==> flow/design.v <==
module u_addsub (i_clk, RST, enable, x, y, d);
  parameter DW = 128;
  input i_clk;
  input RST;
  input enable;
  input [DW-1:0] x;
  input [DW-1:0] y;
  output [DW-1:0] d;
  reg [DW-1:0] x_r;
  reg [DW-1:0] y_r;
  wire [DW:0] r;
  assign r = x_r - y_r;
  assign d = r[DW] ? {DW{1'b0}} : r[DW-1:0];
  always @(posedge i_clk or posedge RST) begin
    if (RST) begin
      x_r <= 0;
      y_r <= 0;
    end else if (enable) begin
      x_r <= x;
      y_r <= y;
    end
  end
endmodule
From RTL to reports: u_addsub
Tool output for the design above, in the order of the flow.
Lines are those of the file above, counted from 1.
Library cell names are shortened.
{"block": "design", "top": "u_addsub", "clock_port": "i_clk", "cell_library": "sky130hd", "corner": "tt_025C_1v80"}

Word level
Yosys after proc, flatten, opt, wreduce and memory -nomap, before mapping. Enables and synchronous resets that opt folds into registers are not counted as muxes. Memory bits, and registers merged into a memory's read port (data or address), are not among the register bits. Print and check cells are not counted. Equal cells are merged and count once.
{"block": "word_totals", "elab_cells": 4, "ff_bits": 256, "inputBits": 259}
{"block": "op_classes", "add_sub_neg": 1, "muxes": 1}
{"block": "op_table", "cell": "128-bit by 128-bit subtractor with 129-bit output", "n": 1}
{"block": "op_table", "cell": "128-bit 2-to-1 mux", "n": 1}

Longest topological paths
Longest topological path by Yosys (ltp), each cell counted once; first at word level (registers and memories cut), then after technology mapping (sequential cells cut; the memories' decode and read muxes count).
{"block": "depth", "word_depth": 2, "abc_area": 0, "depth_mapped": 16, "mapped_depth_nobuf": 14}

After synthesis
Source: synth_stat.txt of the flow (Yosys; design flattened, memories mapped). It holds for the ABC_AREA given above (unset counts as 0); a run with the other value may have another netlist.
{"block": "synth_totals", "yosys_area_um2": 19875.3, "buffers": 127, "seqArea_um2": 6406.1, "stdcells": 2356, "flip_flops": 256}
{"block": "types", "cell_type": "dfrtp_1", "n": 256, "type_area_um2": 6.41E+03}
{"block": "types", "cell_type": "ha_1", "n": 129, "type_area_um2": 1.61E+03}
{"block": "types", "cell_type": "mux2_2", "n": 129, "type_area_um2": 1.45E+03}
{"block": "types", "cell_type": "o21ai_0", "n": 227, "type_area_um2": 1136.09}
{"block": "types", "cell_type": "nor2_4", "n": 98, "type_area_um2": 1.1E+03}
{"block": "types", "cell_type": "nand2_1", "n": 289, "type_area_um2": 1084.79}
{"block": "types", "cell_type": "a21oi_1", "n": 213, "type_area_um2": 1.07E+03}
{"block": "types", "cell_type": "inv_1", "n": 166, "type_area_um2": 623.098}
{"block": "types", "cell_type": "nor2_1", "n": 152, "type_area_um2": 570.547}
{"block": "types", "cell_type": "a21o_1", "n": 71, "type_area_um2": 533.011}
{"block": "types", "cell_type": "xor2_1", "n": 57, "type_area_um2": 499.229}
{"block": "types", "cell_type": "xnor2_1", "n": 52, "type_area_um2": 455.437}
{"block": "types", "cell_type": "nand4_1", "n": 62, "type_area_um2": 387.872}
{"block": "types", "cell_type": "clkbuf_1", "n": 101, "type_area_um2": 379.114}
{"block": "types", "cell_type": "o21bai_1", "n": 46, "type_area_um2": 345.331}
{"block": "types", "cell_type": "buf_12", "n": 11, "type_area_um2": 220.211}
{"block": "types", "cell_type": "nor3_1", "n": 36, "type_area_um2": 180.173}
{"block": "types", "cell_type": "a31oi_1", "n": 23, "type_area_um2": 143.888}
Not listed: further types 51, cells in them 238.

Timing after synthesis
Path of least setup slack by OpenSTA after synthesis, without wires, with an ideal clock, recovery checks aside; 20% of the period is set as input and as output delay. Where synthesis merged equal registers, the netlist keeps one of their names.
{"block": "synth_path", "path_type": "reg-to-output", "start": "register x_r[59]", "end": "output port d[124]", "slack_ns": 0.802, "stages": 13, "path_delay_ns": 3.198, "period_ns": 5.0, "t_arrival_ns": 3.198, "t_first_pin_ns": 0.000, "required_ns": 4.000, "output_delay_ns": 1.000, "path_buffers": 1, "synth_period_reached_ns": 4.198}
"path_delay_ns" is the arrival time less input delay plus setup time.
At an output port there is no setup time.
"stages" counts driving pins, that of a launching flip-flop among them; a cell with two outputs on the path counts twice.
"synth_period_reached_ns" is the clock period less the worst setup slack; recovery checks do not enter. This is arithmetic on one report: input and output delays are still those of the set period (20% each).
Between the ends stands the longest chain of elaborated cells between them, by number of cells; it is not shown to be the way that was timed. Of several equally long chains one is given.
A line is the first line of the expression or statement that the cell stems from. Yosys adds cells for indexed reads and writes and turns some case tables into memories.
{"block": "synth_between", "cell_sequence": "dfrtp_1 > ha_1 > buf_2 > nand4_1 > or4_1 > nor4_1 > o21ai_1 > a211oi_2 > o211a_1 > o21ai_1 > and2_1 > a221o_1 > a211oi_1", "elab_chain_len": 2}
{"block": "synth_lines", "element": "start, declared", "line_no": 9, "rtl": "reg [DW-1:0] x_r;"}
{"block": "synth_lines", "element": "start, assigned", "line_no": 16, "rtl": "x_r <= 0;"}
{"block": "synth_lines", "element": "start, assigned", "line_no": 19, "rtl": "x_r <= x;"}
{"block": "synth_lines", "element": "128-bit by 128-bit subtractor with 129-bit output", "line_no": 12, "rtl": "assign r = x_r - y_r;"}
{"block": "synth_lines", "element": "128-bit 2-to-1 mux", "line_no": 13, "rtl": "assign d = r[DW] ? {DW{1'b0}} : r[DW-1:0];"}
{"block": "synth_lines", "element": "end, declared", "line_no": 8, "rtl": "output [DW-1:0] d;"}

Worst path after layout
Path of least setup slack in the final report of job 3 (OpenROAD, finished layout, wires in). Where an end is a register, its clock arrival counts in the times.
{"block": "layout_path", "path_type": "reg-to-output", "start": "register x_r[42]", "end": "output port d[123]", "slack_ns": -0.15, "t_arrival_ns": 4.15, "stages": 17, "period_ns": 5.0, "t_first_pin_ns": 0.57, "output_delay_ns": 1.00, "path_buffers": 5, "required_ns": 4.00}
Between the ends stands the longest chain of elaborated cells between them, by number of cells; it is not shown to be the way that was timed. Of several equally long chains one is given.
{"block": "layout_between", "cell_sequence": "dfrtp_1 > ha_4 > buf_6 > nand4_1 > nor4_2 > buf_4 > nand4_1 > or3_1 > o22ai_1 > buf_4 > o211ai_1 > a31oi_1 > buf_4 > a21boi_4 > o21ai_2 > mux2_4 > buf_6", "elab_chain_len": 2}
{"block": "layout_lines", "element": "start, declared", "line_no": 9, "rtl": "reg [DW-1:0] x_r;"}
{"block": "layout_lines", "element": "start, assigned", "line_no": 16, "rtl": "x_r <= 0;"}
{"block": "layout_lines", "element": "start, assigned", "line_no": 19, "rtl": "x_r <= x;"}
{"block": "layout_lines", "element": "128-bit by 128-bit subtractor with 129-bit output", "line_no": 12, "rtl": "assign r = x_r - y_r;"}
{"block": "layout_lines", "element": "128-bit 2-to-1 mux", "line_no": 13, "rtl": "assign d = r[DW] ? {DW{1'b0}} : r[DW-1:0];"}
{"block": "layout_lines", "element": "end, declared", "line_no": 8, "rtl": "output [DW-1:0] d;"}

# Flow runs of u_addsub

Below are 3 stored runs of the flow (Yosys, OpenROAD; platform sky130hd) on u_addsub, each with its settings and what was measured, unordered. Constraints: input delay and output delay 20% of the set period each, output load 0.01 pF.
"period_reached_ns" means the clock period less the worst setup slack. The figure is calculated, with input and output delays left at 20% of the set period.
"timing.worst_path_ns" is the time allowed to the run's worst setup path (the clock period less input and output delay, where it has them) less its slack. Clock arrival times count: a late capture clock shortens it, a late launch clock lengthens it.
"fin_power_uw" rests on the timing tool's default activity at the inputs, not on a simulated workload.

{"run": "job 1", "settings": { "period_ns": 4.78, "CORE_UTILIZATION": 53, "SETUP_SLACK_MARGIN": 0.36, "PLACE_DENSITY_LB_ADDON": 0.13, "CORE_ASPECT_RATIO": 0.71, "CELL_PAD_IN_SITES_GLOBAL_PLACEMENT": 3, "CELL_PAD_IN_SITES_DETAIL_PLACEMENT": 2, "TNS_END_PERCENT": 90, "ABC_AREA": 1, "GPL_ROUTABILITY_DRIVEN": 1, "CTS_CLUSTER_DIAMETER": 312, "SLEW_MARGIN": 5, "MAX_ROUTING_LAYER": "met4", "CAP_MARGIN": 20, "CORE_MARGIN": 2 }, "outcome": "no results, placement failed with FLW-0024"}
{"run": "job 2", "settings": { "period_ns": 3.88, "CORE_UTILIZATION": 39, "SETUP_SLACK_MARGIN": 1.02, "PLACE_DENSITY_LB_ADDON": 0.08, "CORE_MARGIN": 3, "CELL_PAD_IN_SITES_GLOBAL_PLACEMENT": 3, "CELL_PAD_IN_SITES_DETAIL_PLACEMENT": 2, "GPL_TIMING_DRIVEN": 1, "CTS_CLUSTER_SIZE": 34, "CTS_CLUSTER_DIAMETER": 131, "MIN_ROUTING_LAYER": "met1", "MAX_ROUTING_LAYER": "met5", "CAP_MARGIN": 20, "SLEW_MARGIN": 20 }, "outcome": "no results, placement failed with a tool error"}
{"run": "job 3", "settings": { "period_ns": 5.0, "CAP_MARGIN": 20, "CORE_MARGIN": 2, "CORE_UTILIZATION": 40, "SLEW_MARGIN": 20 }, "results": { "period_reached_ns": 5.152, "setup_ws_ns": -0.152, "fin_power_uw": 10885, "timing.worst_path_ns": 4.15, "critical_path_type": "reg-to-output", "holdWs_ns": 0.513, "final_die_area_um2": 51488.1, "layout_utilization_pct": 62.0, "synthesis_area_um2": 19875.3 }}
